==> flow/design.v <==
module dp_shifter_v2 #(
  parameter BITS = 24,
  parameter SEL_WIDTH = $clog2(BITS)
) (
  input logic core_clk,
  input logic ce,
  input logic [BITS-1:0] i_ch,
  input logic [SEL_WIDTH-1:0] i_count,
  output logic [BITS-1:0] o_res
);
  logic [BITS-1:0] r_ch;
  logic [SEL_WIDTH-1:0] r_count;
  always_ff @(posedge core_clk) begin
    if (ce) begin
      r_ch <= i_ch;
      r_count <= i_count;
      o_res <= r_ch << r_count;
    end
  end
endmodule
# ---- Reports on dp_shifter_v2
# What the tools print for dp_shifter_v2, step after step.
# Line numbers count from 1 in the design file above.
# Operators: Yosys type, input widths -> output width; for muxes data width and select width s.
# Library cell names are shortened.
# Not given: n/a
dict set report design {
  top_module {dp_shifter_v2}
  clock {core_clk}
  library {sky130hd}
  lib_corner {tt_025C_1v80}
}

# ---- After elaboration
# Counts by Yosys on the flattened word-level netlist (proc, flatten, opt, wreduce; memories kept). Register bits leave out memories and registers merged into their read ports (data or address); mux counts leave out enables and synchronous resets folded into registers. Print and check cells are left out. Cells with the same type and inputs are merged into one.
dict set report classes {
  n_logic 0
  eq_ne 0
  mux 0
  n_cmp 0
  n_mul 0
  n_shift 1
  div_mod_pow 0
  reduce_logical 0
  n_addsub 0
}
# cell count
set ops {}
lappend ops {{$shl 24x5->24} 1}
dict set report word_totals {
  ram_bits 0
  latchBits 0
  inputBits 31
  clocked_rd_ports_x_width 0
  output_inout_bits 24
  rom_bits 0
  reg_bits 53
  memories 0
}

# ---- Depth
# Depth = most cells in a row (Yosys ltp): at word level without a register or memory, in the mapped netlist without a sequential cell, where the memories' decode and read muxes count.
dict set report logic_depth {
  depth_word 1
  ABC_AREA 0
  mapped_depth 8
}

# ---- Synthesis result
# Source: synth_stat.txt of the flow (Yosys; design flattened, memories mapped). It holds for the ABC_AREA given above (unset counts as 0); a run with the other value may have another netlist.
# The area totals of this step are shown rounded.
# type count area_total_um2
set by_type {}
lappend by_type {edfxtp_1 53 1.59E+03}
lappend by_type {mux2i_1 25 250.24}
lappend by_type {mux4_2 11 247.738}
lappend by_type {mux4_1 5 131.376}
lappend by_type {mux2_2 6 67.565}
lappend by_type {nor2_1 18 67.565}
lappend by_type {a211oi_1 7 52.55}
lappend by_type {buf_6 4 45.043}
lappend by_type {buf_12 2 40.038}
lappend by_type {o221ai_1 4 35.034}
lappend by_type {nand2b_1 5 31.28}
lappend by_type {a2bb2oi_2 2 30.029}
lappend by_type {a21oi_1 5 25.024}
lappend by_type {nand3_1 5 25.024}
lappend by_type {a22oi_1 3 22.522}
lappend by_type {clkbuf_1 6 22.522}
lappend by_type {mux2_1 2 22.522}
lappend by_type {nand2_1 6 22.522}
# Other cell types: 17; their cells: 26.
dict set report synth_totals {
  buf_cells 15
  seq_area_um2 1600
  mapped_area_um2 2900
  ff_cells 53
  stdcells 195
}

# ---- Path before layout
# Path of least setup slack by OpenSTA after synthesis, without wires, with an ideal clock, recovery checks aside; 20% of the period is set as input and as output delay. Where synthesis merged equal registers, the netlist keeps one of their names.
dict set report synth_timing {
  path_type {register -> register}
  start {register r_count[0]}
  end {register o_res[17]}
  n_path_buf 2
  stages 7
  path_slack_ps 450
  tclk_ps 2260
  required_time_ps 1998
  setup_ps 262
  t_first_pin_ps 0
  delay_ps 1810
  arrival_ps 1548
  period_less_setup_slack_ps 1810
}
# "delay_ps" is the arrival time less input delay plus setup time.
# "stages": output pins that drive a net of the path, with the launching flip-flop's if there is one; two outputs of one cell count as two.
# "period_less_setup_slack_ps" = period - worst setup slack (recovery checks aside). The figure is calculated, with input and output delays left at 20% of the set period.
# The rows between start and end are the longest chain of elaborated cells between them; the timing report does not say that the signal goes this way. Where chains are equally long, one stands for them.
# A line is the first line of the expression or statement that the cell stems from. Yosys adds cells for indexed reads and writes and turns some case tables into memories.
dict set report synth_between {
  cell_sequence {edfxtp_1 buf_6 buf_12 mux4_2 mux2_2 a2bb2oi_2 o21ai_1}
  elab_chain_cells 1
}
# item line_no
set synth_lines {}
lappend synth_lines {{start: declaration} 12} ;# logic [SEL_WIDTH-1:0] r_count;
lappend synth_lines {{start: assignment} 16} ;# r_count <= i_count;
lappend synth_lines {{$shl 24x5->24} 17} ;# o_res <= r_ch << r_count;
lappend synth_lines {{end: assignment} 17}
lappend synth_lines {{end: declaration} 9} ;# output logic [BITS-1:0] o_res

# ---- Worst path after layout
# From the final timing report of run 1: the path of least setup slack in the routed layout; clock arrival at registers is part of the times.
# The path's times are printed in steps of 10 ps; the period is the one set.
dict set report layout_timing {
  path_type {register -> register}
  start {register r_count[2]}
  end {register o_res[14]}
  t_first_pin_ps 320
  stages 6
  path_slack_ps 570
  n_path_buf 1
  setup_ps 170
  arrival_ps 2200
  required_time_ps 2760
  tclk_ps 2620
}
# The rows between start and end are the longest chain of elaborated cells between them; the timing report does not say that the signal goes this way. Where chains are equally long, one stands for them.
dict set report layout_between {
  cell_sequence {edfxtp_1 buf_8 nand2b_1 mux4_2 and2_0 a211oi_2}
  elab_chain_cells 1
}
# item line_no
set layout_lines {}
lappend layout_lines {{start: declaration} 12} ;# logic [SEL_WIDTH-1:0] r_count;
lappend layout_lines {{start: assignment} 16} ;# r_count <= i_count;
lappend layout_lines {{$shl 24x5->24} 17} ;# o_res <= r_ch << r_count;
lappend layout_lines {{end: assignment} 17}
lappend layout_lines {{end: declaration} 9} ;# output logic [BITS-1:0] o_res

## Implementation results

Top module dp_shifter_v2; platform sky130hd; tools Yosys and OpenROAD; 3 stored runs in no particular order. Input and output delays are each 20% of the period that was set; the output load is 0.01 pF.
"achievedPeriod_ps": clock period set for the run, less the worst setup slack. It is reckoned from that one timing run; input and output delays stay at 20% of the period that was set.
"worstPathTime_ps" = time allowed to the worst setup path (clock period - input delay - output delay, where it has them) - its slack; a late launch clock adds to it, a late capture clock takes from it.
"power.total_uw" rests on the timing tool's default activity at the inputs, not on a simulated workload.
"worstPathTime_ps" is given in steps of 10 ps.
The measured numbers are rounded.

# run 1
==> flow/run.sh <==
#!/bin/bash
# the make line also repeats the synthesis and layout settings of config.mk as NAME=value (left out here)
make -C /OpenROAD-flow-scripts/flow DESIGN_CONFIG=/design/flow/config.mk WORK_HOME=/design/flow/orfs CLKGATE_MAP_FILE= finish
==> flow/config.mk <==
export PLATFORM = sky130hd
export DESIGN_NAME = dp_shifter_v2
export DESIGN_NICKNAME = dp_shifter_v2
export VERILOG_FILES = /design/flow/design.v
export SDC_FILE = /design/flow/constraint.sdc
export NUM_CORES = 4
export LEC_CHECK = 0
export CAP_MARGIN = 30
export CELL_PAD_IN_SITES_DETAIL_PLACEMENT = 2
export CORE_MARGIN = 2
export CORE_UTILIZATION = 42
export MIN_ROUTING_LAYER = met2
export SETUP_SLACK_MARGIN = 0.55
export SLEW_MARGIN = 15
==> flow/constraint.sdc <==
create_clock -name core_clock -period 2.62 [get_ports {core_clk}]
set_input_delay 0.5240 -clock core_clock [delete_from_list [all_inputs] [get_ports {core_clk}]]
set_output_delay 0.5240 -clock core_clock [all_outputs]
set_load 0.01 [all_outputs]

==> run 1: results <==
achievedPeriod_ps=2055
worstPathTime_ps=2050
worstPathKind="register -> register"
yosys_chip_area_um2=2900
finish.utilization_pct=54
setup_ws_ps=570
layout_stdcell_area_um2=3600
design.die.area_um2=7600
power.total_uw=2100
holdWs_ps=740
tns_setup_ps=0

# run 2
==> flow/run.sh <==
#!/bin/bash
# the make line also repeats the synthesis and layout settings of config.mk as NAME=value (left out here)
make -C /OpenROAD-flow-scripts/flow DESIGN_CONFIG=/design/flow/config.mk WORK_HOME=/design/flow/orfs CLKGATE_MAP_FILE= finish
==> flow/config.mk <==
export PLATFORM = sky130hd
export DESIGN_NAME = dp_shifter_v2
export DESIGN_NICKNAME = dp_shifter_v2
export VERILOG_FILES = /design/flow/design.v
export SDC_FILE = /design/flow/constraint.sdc
export NUM_CORES = 4
export LEC_CHECK = 0
export CAP_MARGIN = 20
export CORE_MARGIN = 2
export CORE_UTILIZATION = 40
export SLEW_MARGIN = 20
==> flow/constraint.sdc <==
create_clock -name core_clock -period 2.26 [get_ports {core_clk}]
set_input_delay 0.4520 -clock core_clock [delete_from_list [all_inputs] [get_ports {core_clk}]]
set_output_delay 0.4520 -clock core_clock [all_outputs]
set_load 0.01 [all_outputs]

==> run 2: results <==
achievedPeriod_ps=2027
worstPathTime_ps=2030
worstPathKind="register -> register"
yosys_chip_area_um2=2900
finish.utilization_pct=52
setup_ws_ps=230
layout_stdcell_area_um2=3600
design.die.area_um2=7900
power.total_uw=2300
holdWs_ps=670
tns_setup_ps=0

# run 3
==> flow/run.sh <==
#!/bin/bash
# the make line also repeats the synthesis and layout settings of config.mk as NAME=value (left out here)
make -C /OpenROAD-flow-scripts/flow DESIGN_CONFIG=/design/flow/config.mk WORK_HOME=/design/flow/orfs CLKGATE_MAP_FILE= finish
==> flow/config.mk <==
export PLATFORM = sky130hd
export DESIGN_NAME = dp_shifter_v2
export DESIGN_NICKNAME = dp_shifter_v2
export VERILOG_FILES = /design/flow/design.v
export SDC_FILE = /design/flow/constraint.sdc
export NUM_CORES = 4
export LEC_CHECK = 0
export CAP_MARGIN = 20
export CELL_PAD_IN_SITES_DETAIL_PLACEMENT = 1
export CORE_MARGIN = 2
export CORE_UTILIZATION = 60
export CTS_CLUSTER_SIZE = 90
export GPL_TIMING_DRIVEN = 1
export MAX_ROUTING_LAYER = met5
export MIN_ROUTING_LAYER = met1
export PLACE_DENSITY_LB_ADDON = 0.14
export SETUP_SLACK_MARGIN = 0.37
export SLEW_MARGIN = 20
==> flow/constraint.sdc <==
create_clock -name core_clock -period 1.59 [get_ports {core_clk}]
set_input_delay 0.3180 -clock core_clock [delete_from_list [all_inputs] [get_ports {core_clk}]]
set_output_delay 0.3180 -clock core_clock [all_outputs]
set_load 0.01 [all_outputs]

==> run 3: results <==
outcome="stopped before the end: placement reported DPL-0033"
